==> flow/design.v <==
module my_arith_stage #(
  parameter integer DW = 18
) (
  input core_clk,
  input nrst,
  input [DW-1:0] src1_i,
  input [DW-1:0] src2_i,
  input minus_i,
  output [DW:0] result_o
);
  reg [DW-1:0] src1_q;
  always @(posedge core_clk) begin
    if (!nrst) begin
      src1_q <= 0;
    end else begin
      src1_q <= src1_i;
    end
  end
  reg [DW-1:0] src2_q;
  always @(posedge core_clk) begin
    if (!nrst) begin
      src2_q <= 0;
    end else begin
      src2_q <= src2_i;
    end
  end
  reg minus_q;
  always @(posedge core_clk) begin
    if (!nrst) begin
      minus_q <= 1'b0;
    end else begin
      minus_q <= minus_i;
    end
  end
  reg [DW:0] t_q;
  always @(posedge core_clk) begin
    if (!nrst) begin
      t_q <= 0;
    end else begin
      t_q <= src1_q + src2_q;
    end
  end
  reg [DW:0] aux_q;
  always @(posedge core_clk) begin
    if (!nrst) begin
      aux_q <= 0;
    end else begin
      aux_q <= src1_q - src2_q;
    end
  end
  reg minus_q_d;
  always @(posedge core_clk) begin
    if (!nrst) begin
      minus_q_d <= 1'b0;
    end else begin
      minus_q_d <= minus_q;
    end
  end
  reg [DW:0] result_q;
  always @(posedge core_clk) begin
    if (!nrst) begin
      result_q <= 0;
    end else begin
      result_q <= minus_q_d ? aux_q : t_q;
    end
  end
  assign result_o = result_q;
endmodule
* Tool chain data of my_arith_stage
What the tools print for my_arith_stage, step after step.
Line numbers count from 1 in the design file above.
Operators: Yosys type, input widths -> output width; for muxes data width and select width s.
Library cell names are shortened.
A cell with -- has no value.
- Top module :: my_arith_stage
- Clock port :: core_clk
- Cell library :: sky130hd
- Library corner :: tt_025C_1v80

* Word-level counts
Counts by Yosys on the flattened word-level netlist (proc, flatten, opt, wreduce; memories kept). Register bits leave out memories and registers merged into their read ports (data or address); mux counts leave out enables and synchronous resets folded into registers. Print and check cells are left out. Cells with the same type and inputs are merged into one.
- Register bits :: 95
- Muxes and demuxes :: 1
- Add/subtract/negate cells :: 2
** Operators by type and width (count)
- $add 18x18->19 :: 1
- $sub 18x18->19 :: 1
- $mux 19 :: 1

* Logic depth
Longest topological path by Yosys (ltp), each cell counted once; first at word level (registers and memories cut), then after technology mapping (sequential cells cut; the memories' decode and read muxes count).
- Depth in word-level cells :: 1
- ABC_AREA :: 0
- Mapped depth :: 10
- Gate-level depth less buffers :: 10

* Synthesis result
The flow's flattened synthesis, as Yosys stat reports it; memories are mapped. The netlist is that of the ABC_AREA named above (0 if unset); the other value can give another one.
** Cells by type
- dfxtp_1 :: count 94, total area 1.88E+03 sq um
- ha_1 :: count 36, total area 450.432 sq um
- and2_1 :: count 58, total area 362.848 sq um
- mux2i_1 :: count 27, total area 270.259 sq um
- nor2b_1 :: count 25, total area 156.4 sq um
- a21oi_1 :: count 31, total area 155.149 sq um
- inv_1 :: count 34, total area 127.622 sq um
- xnor2_1 :: count 14, total area 122.618 sq um
- nand2_1 :: count 24, total area 90.086 sq um
- nor2_1 :: count 18, total area 67.565 sq um
- o21ai_0 :: count 13, total area 65.062 sq um
- clkbuf_1 :: count 14, total area 52.55 sq um
- nand2b_1 :: count 8, total area 50.048 sq um
- fa_1 :: count 2, total area 40.038 sq um
- nor3_1 :: count 8, total area 40.038 sq um
- a21o_1 :: count 5, total area 37.536 sq um
- o211ai_1 :: count 5, total area 37.536 sq um
- o31ai_1 :: count 5, total area 37.536 sq um
Other cell types: 34; their cells: 64.
- Standard cells after synthesis :: 485
- Flip-flops :: 94
- Sequential area :: 1881.8 sq um
- Chip area (Yosys) :: 4548.1 sq um
- Buffers :: 24

* Timing after synthesis
Source: OpenSTA report_checks on the synthesized netlist (no wires, ideal clock, input and output delay 20% of the period each), path of least setup slack; recovery checks are left aside. Register names are those of the netlist, which keeps one name where synthesis merged equal registers.
- Path type :: register to register
- From :: register src1_q[0]
- To :: register aux_q[10]
- Path buffers :: 0
- Arrival time :: 2.067 ns
- Stages :: 11
- Setup time :: 0.115 ns
- Period :: 2.73 ns
- Delay of the path :: 2.182 ns
- Slack :: 0.548 ns
- Synthesis period reached :: 2.182 ns
"delay of the path" is the arrival time less input delay plus setup time.
"stages" counts driving pins, that of a launching flip-flop among them; a cell with two outputs on the path counts twice.
"synthesis period reached" = period - worst setup slack (recovery checks aside). The figure is calculated, with input and output delays left at 20% of the set period.
Between the ends stands the longest chain of elaborated cells between them, by number of cells; it is not shown to be the way that was timed. Of several equally long chains one is given.
A line is the first line of the expression or statement that the cell stems from. Yosys adds cells for indexed reads and writes and turns some case tables into memories.
- Path through :: dfxtp_1 inv_1 ha_1 inv_1 fa_1 a21o_1 a311o_1 a31oi_1 o21ai_1 xor2_1 and2_1
- Cells in the longest elaborated chain :: 1
- Elaborated cells on any way between the ends :: 1
- Those cells by class :: add/sub: 1
** RTL lines, path after synthesis
- start: declaration :: RTL line 11 : reg [DW-1:0] src1_q;
- start: assignment :: RTL line 14 : src1_q <= 0;
- start: assignment :: RTL line 16 : src1_q <= src1_i;
- $sub 18x18->19 :: RTL line 48 : aux_q <= src1_q - src2_q;
- end: assignment :: RTL line 46 : aux_q <= 0;
- end: assignment :: RTL line 48
- end: declaration :: RTL line 43 : reg [DW:0] aux_q;

* Worst path after layout
Path of least setup slack in the final report of run 1 (OpenROAD, finished layout, wires in). Where an end is a register, its clock arrival counts in the times.
- Path type :: register to register
- From :: register src2_q[4]
- To :: register t_q[12]
- Slack :: 0.23 ns
- Setup time :: 0.10 ns
- Arrival time :: 2.73 ns
- Path buffers :: 0
- Period :: 2.73 ns
- Stages :: 9
Between the ends stands the longest chain of elaborated cells between them, by number of cells; it is not shown to be the way that was timed. Of several equally long chains one is given.
- Path through :: dfxtp_1 inv_1 ha_1 nor2b_1 o21ba_2 nor3_1 nor2_1 o41ai_1 mux2i_1
- Cells in the longest elaborated chain :: 1
- Elaborated cells on any way between the ends :: 1
- Those cells by class :: add/sub: 1
** RTL lines, path after layout
- start: declaration :: RTL line 19 : reg [DW-1:0] src2_q;
- start: assignment :: RTL line 22 : src2_q <= 0;
- start: assignment :: RTL line 24 : src2_q <= src2_i;
- $add 18x18->19 :: RTL line 40 : t_q <= src1_q + src2_q;
- end: assignment :: RTL line 38 : t_q <= 0;
- end: assignment :: RTL line 40
- end: declaration :: RTL line 35 : reg [DW:0] t_q;

Subject: my_arith_stage on sky130hd, stored results

Hello all,

3 stored runs of my_arith_stage in the flow (synthesis by Yosys, layout by OpenROAD, sky130hd cells), in arbitrary order. Constraints: input delay and output delay 20% of the set period each, output load 0.01 pF.
"achieved period": clock period set for the run, less the worst setup slack. It is reckoned from that one timing run; input and output delays stay at 20% of the period that was set.
"time on the worst setup path" means the part of the period allowed to the worst setup path (the constraints hold back 20% at inputs and 20% at outputs) less its slack; where the path has registers, the arrival times of their clocks count too.
"total power after layout": no workload was simulated; the value follows from the tool's default switching activity.

** Run 1
- Settings :: period_ns=2.73; CAP_MARGIN=20; CORE_MARGIN=2; CORE_UTILIZATION=40; SLEW_MARGIN=20
- Chip area after synthesis (Yosys) :: 4548.1 sq um
- Total power after layout :: 3406 uW
- Utilization of the finished layout :: 50.3 %
- Achieved period :: 2.496 ns
- Summed negative setup slack :: 0.000 ns
- Worst setup slack after layout :: 0.234 ns
- Time on the worst setup path :: 2.50 ns
- Kind of the worst setup path :: register to register
- Area inside the die boundary :: 12239.0 sq um

** Run 2
- Settings :: period_ns=1.76; CORE_UTILIZATION=65; SETUP_SLACK_MARGIN=0.26; PLACE_DENSITY_LB_ADDON=0.1; CORE_ASPECT_RATIO=0.68; CORE_MARGIN=9; CELL_PAD_IN_SITES_DETAIL_PLACEMENT=2; TNS_END_PERCENT=85; ABC_AREA=0; CTS_CLUSTER_SIZE=89; CAP_MARGIN=35; MIN_ROUTING_LAYER=met2; SLEW_MARGIN=20
- Outcome :: no final report: placement broke off with DPL-0033

** Run 3
- Settings :: period_ns=3.12; CORE_UTILIZATION=58; SETUP_SLACK_MARGIN=0.21; CORE_MARGIN=5; ABC_AREA=1; GPL_TIMING_DRIVEN=0; CTS_CLUSTER_SIZE=39; CAP_MARGIN=25; SLEW_MARGIN=30
- Chip area after synthesis (Yosys) :: 4616.9 sq um
- Total power after layout :: 2751 uW
- Utilization of the finished layout :: 71.6 %
- Achieved period :: 2.104 ns
- Summed negative setup slack :: 0.000 ns
- Worst setup slack after layout :: 1.016 ns
- Time on the worst setup path :: 2.10 ns
- Kind of the worst setup path :: register to register
- Area inside the die boundary :: 9844.6 sq um

Thanks
